==> flow/design.v <==
module alu_adder_top #(
    parameter NBITS = 36
) (
    input logic sys_clk,
    input logic clr,
    input logic [NBITS-1:0] i_x,
    input logic [NBITS-1:0] i_y,
    input logic i_ci,
    output logic [NBITS-1:0] o_s,
    output logic o_cy
);
    logic [NBITS-1:0] nxt;
    logic [NBITS:0] c;
    assign c[0] = i_ci;
    generate
        for (genvar i = 0; i < NBITS; i++) begin : each
            assign nxt[i] = i_x[i] ^ i_y[i] ^ c[i];
            assign c[i+1] = (i_x[i] & i_y[i]) | (c[i] & (i_x[i] ^ i_y[i]));
        end
    endgenerate
    always_ff @(posedge sys_clk) begin
        if (clr) begin
            o_s <= '0;
            o_cy <= 1'b0;
        end else begin
            o_s <= nxt;
            o_cy <= c[NBITS];
        end
    end
endmodule
## Reports on alu_adder_top

What the tools print for alu_adder_top, step after step.
Lines are those of the file above, counted from 1.
Cell names lack the library's common part.
The mark - stands for no value.

| design | value |
|---|---|
| design top | alu_adder_top |
| clock | sys_clk |
| cell library | sky130hd |
| corner | tt_025C_1v80 |

## After elaboration

Source: Yosys, flattened and elaborated, memories not mapped. Widths are those after wreduce; folded enables and synchronous resets count as part of the registers. Registers that Yosys merges into a memory's read port (data or address) are not register bits. Print and check cells do not count. Equal cells are merged and count once.

| storage and ports | value |
|---|---|
| bits in registers | 37 |
| input port bits | 75 |
| output and inout bits | 37 |
| word-level cells | 182 |

| operators by class | value |
|---|---|
| bitwise gates (word level) | 180 |

Operators with widths:

| cell | count |
|---|---|
| AND 1 bit | 72 |
| bitwise XOR 1 bit | 72 |
| OR 1 bit | 36 |

## Logic depth

Longest topological path by Yosys (ltp), each cell counted once; first at word level (registers and memories cut), then after technology mapping (sequential cells cut; the memories' decode and read muxes count).

| depth | value |
|---|---|
| depth after elaboration | 73 |
| ABC_AREA | 0 |
| gate-level depth with buffers | 40 |
| depth with buffers taken out | 40 |

## After synthesis

Source: synth_stat.txt of the flow (Yosys; design flattened, memories mapped). It holds for the ABC_AREA given above (unset counts as 0); a run with the other value may have another netlist.
The area totals of this step are shown rounded.

| synthesis totals | value |
|---|---|
| cell count | 120 |
| mapped area | 1800 um^2 |
| sequential part of the area | 740 um^2 |
| flip-flops | 37 |
| buffers | 3 |

Cell types:

| type | count | area in all (um^2) |
|---|---|---|
| dfxtp_1 | 37 | 740.71 |
| fa_1 | 36 | 720.691 |
| nor2b_1 | 27 | 168.912 |
| and2b_2 | 7 | 61.309 |
| buf_6 | 3 | 33.782 |
| inv_1 | 7 | 26.275 |
| nor2_1 | 3 | 11.261 |

## Path before layout

Path of least setup slack by OpenSTA after synthesis, without wires, with an ideal clock, recovery checks aside; 20% of the period is set as input and as output delay. Where synthesis merged equal registers, the netlist keeps one of their names.

| timing post-synthesis | value |
|---|---|
| kind | input -> register |
| start point | in i_x[0] |
| end point | reg o_s[35] |
| clock period | 21500 ps |
| external input delay | 4300 ps |
| setup time | 64 ps |
| launch time at the first pin | 4300 ps |
| arrival | 17997 ps |
| data required time | 21436 ps |
| setup slack | 3439 ps |
| path delay | 13761 ps |
| driving pins on the path | 40 |
| path buffers | 0 |
| period reached after synthesis | 18061 ps |

"path delay" is the arrival time less input delay plus setup time.
"driving pins on the path" counts driving pins, that of a launching flip-flop among them; a cell with two outputs on the path counts twice.
"period reached after synthesis" is the clock period less the worst setup slack; recovery checks do not enter. This is arithmetic on one report: input and output delays are still those of the set period (20% each).
Between the ends stands the longest chain of elaborated cells between them, by number of cells; it is not shown to be the way that was timed. Of several equally long chains one is given.
Each line given opens the expression or statement behind the cell; cells for indexed reads and writes are added by Yosys, which also makes memories of some case tables.

| on the way, post-synthesis | value |
|---|---|
| path through | fa_1 -> fa_1 -> fa_1 -> fa_1 -> fa_1 -> fa_1 -> fa_1 -> fa_1 -> fa_1 -> fa_1 -> fa_1 -> fa_1 -> fa_1 -> fa_1 -> fa_1 -> fa_1 -> fa_1 -> fa_1 -> (+4 left out) -> fa_1 -> fa_1 -> fa_1 -> fa_1 -> fa_1 -> fa_1 -> fa_1 -> fa_1 -> fa_1 -> fa_1 -> fa_1 -> inv_1 -> fa_1 -> inv_1 -> fa_1 -> inv_1 -> fa_1 -> nor2_1 |
| cells in the longest elaborated chain | 72 |
| elaborated cells on any way between the ends | 73 |
| classes of those cells | 73 x logic |

Ends and longest elaborated chain, post-synthesis:

| item | RTL line | source |
|---|---|---|
| from (decl) | 6 | `input logic [NBITS-1:0] i_x,` |
| bitwise XOR 1 bit | 18 | `assign c[i+1] = (i_x[i] & i_y[i]) \| (c[i] & (i_x[i] ^ i_y[i]));` |
| AND 1 bit | 18 |  |
| OR 1 bit | 18 |  |
| AND 1 bit | 18 |  |
| OR 1 bit | 18 |  |
| AND 1 bit | 18 |  |
| OR 1 bit | 18 |  |
| (+58 left out) | - |  |
| AND 1 bit | 18 |  |
| OR 1 bit | 18 |  |
| AND 1 bit | 18 |  |
| OR 1 bit | 18 |  |
| AND 1 bit | 18 |  |
| OR 1 bit | 18 |  |
| bitwise XOR 1 bit | 17 | `assign nxt[i] = i_x[i] ^ i_y[i] ^ c[i];` |
| to (assign) | 23 | `o_s <= '0;` |
| to (assign) | 26 | `o_s <= nxt;` |
| to (decl) | 9 | `output logic [NBITS-1:0] o_s,` |

## Path in the finished layout

Path of least setup slack in the final report of run 1 (OpenROAD, finished layout, wires in). Where an end is a register, its clock arrival counts in the times.
The path's times are printed in steps of 10 ps; the period is the one set.

| timing after layout | value |
|---|---|
| kind | input -> register |
| start point | in i_x[0] |
| end point | reg o_s[35] |
| clock period | 21500 ps |
| external input delay | 4300 ps |
| setup time | 60 ps |
| launch time at the first pin | 4300 ps |
| arrival | 18990 ps |
| data required time | 21720 ps |
| setup slack | 2730 ps |
| driving pins on the path | 41 |
| path buffers | 1 |

Between the ends stands the longest chain of elaborated cells between them, by number of cells; it is not shown to be the way that was timed. Of several equally long chains one is given.

| on the way, after layout | value |
|---|---|
| path through | clkdlybuf4s50_1 -> fa_1 -> fa_1 -> fa_1 -> fa_1 -> fa_1 -> fa_1 -> fa_1 -> fa_1 -> fa_1 -> fa_1 -> fa_1 -> fa_1 -> fa_1 -> fa_1 -> fa_1 -> fa_1 -> fa_1 -> (+5 left out) -> fa_1 -> fa_1 -> fa_1 -> fa_1 -> fa_1 -> fa_1 -> fa_1 -> fa_1 -> fa_1 -> fa_1 -> fa_1 -> inv_1 -> fa_1 -> inv_1 -> fa_1 -> inv_1 -> fa_1 -> nor2_1 |
| cells in the longest elaborated chain | 72 |
| elaborated cells on any way between the ends | 73 |
| classes of those cells | 73 x logic |

Ends and longest elaborated chain, after layout:

| item | RTL line | source |
|---|---|---|
| from (decl) | 6 | `input logic [NBITS-1:0] i_x,` |
| bitwise XOR 1 bit | 18 | `assign c[i+1] = (i_x[i] & i_y[i]) \| (c[i] & (i_x[i] ^ i_y[i]));` |
| AND 1 bit | 18 |  |
| OR 1 bit | 18 |  |
| AND 1 bit | 18 |  |
| OR 1 bit | 18 |  |
| AND 1 bit | 18 |  |
| OR 1 bit | 18 |  |
| (+58 left out) | - |  |
| AND 1 bit | 18 |  |
| OR 1 bit | 18 |  |
| AND 1 bit | 18 |  |
| OR 1 bit | 18 |  |
| AND 1 bit | 18 |  |
| OR 1 bit | 18 |  |
| bitwise XOR 1 bit | 17 | `assign nxt[i] = i_x[i] ^ i_y[i] ^ c[i];` |
| to (assign) | 23 | `o_s <= '0;` |
| to (assign) | 26 | `o_s <= nxt;` |
| to (decl) | 9 | `output logic [NBITS-1:0] o_s,` |

# Flow runs of alu_adder_top

Measured results for alu_adder_top: 3 stored runs of the Yosys and OpenROAD flow on sky130hd. The settings differ; the order carries no meaning. The constraints put input and output delay at 20% of the set period each and load the outputs with 0.01 pF.
By "achieved period" is meant the clock period of the run minus its worst setup slack. This is arithmetic on one report: input and output delays are still those of the set period (20% each).
"time on the worst setup path": the worst setup path's part of the clock period (all of it between registers, 20% less for each end at a port) less its slack. A launch clock that arrives late makes it longer, a capture clock that arrives late makes it shorter.
"time on the worst setup path" is given in steps of 10 ps.
The results are shown rounded.
A setting shown as -- is not set for that run.
A result given as -- is not shown for that run.

| run name | period_ns | CAP_MARGIN | CORE_MARGIN | CORE_UTILIZATION | SLEW_MARGIN | SETUP_SLACK_MARGIN | CELL_PAD_IN_SITES_GLOBAL_PLACEMENT | GPL_ROUTABILITY_DRIVEN | CTS_CLUSTER_SIZE | PLACE_DENSITY_LB_ADDON | CORE_ASPECT_RATIO | CELL_PAD_IN_SITES_DETAIL_PLACEMENT | ABC_AREA | CTS_CLUSTER_DIAMETER | setup slack of the worst path (ps) | achieved period (ps) | worst hold slack after layout (ps) | sum of negative setup slack (ps) | utilization after layout (%) | die size (um^2) | time on the worst setup path (ps) | kind of the worst setup path | cell area after synthesis (um^2) |
|---|---|---|---|---|---|---|---|---|---|---|---|---|---|---|---|---|---|---|---|---|---|---|---|
| run 1 | 21.5 | 20 | 2 | 40 | 20 | -- | -- | -- | -- | -- | -- | -- | -- | -- | 2700 | 18771 | 4700 | 0 | 70 | 5000 | 14470 | input -> register | 1800 |
| run 2 | 26.6 | 20 | 2 | 34 | 5 | -0.61 | 3 | 1 | 25 | -- | -- | -- | -- | -- | -- | -- | -- | -- | -- | -- | -- | -- | -- |
| run 3 | 20.8 | 30 | 4 | 62 | 20 | 3.62 | -- | -- | 33 | 0.21 | 0.89 | 2 | 1 | 311 | -- | -- | -- | -- | -- | -- | -- | -- | -- |

Run 2: unfinished; error GPL-0301 in placement
Run 3: unfinished; error FLW-0024 in placement
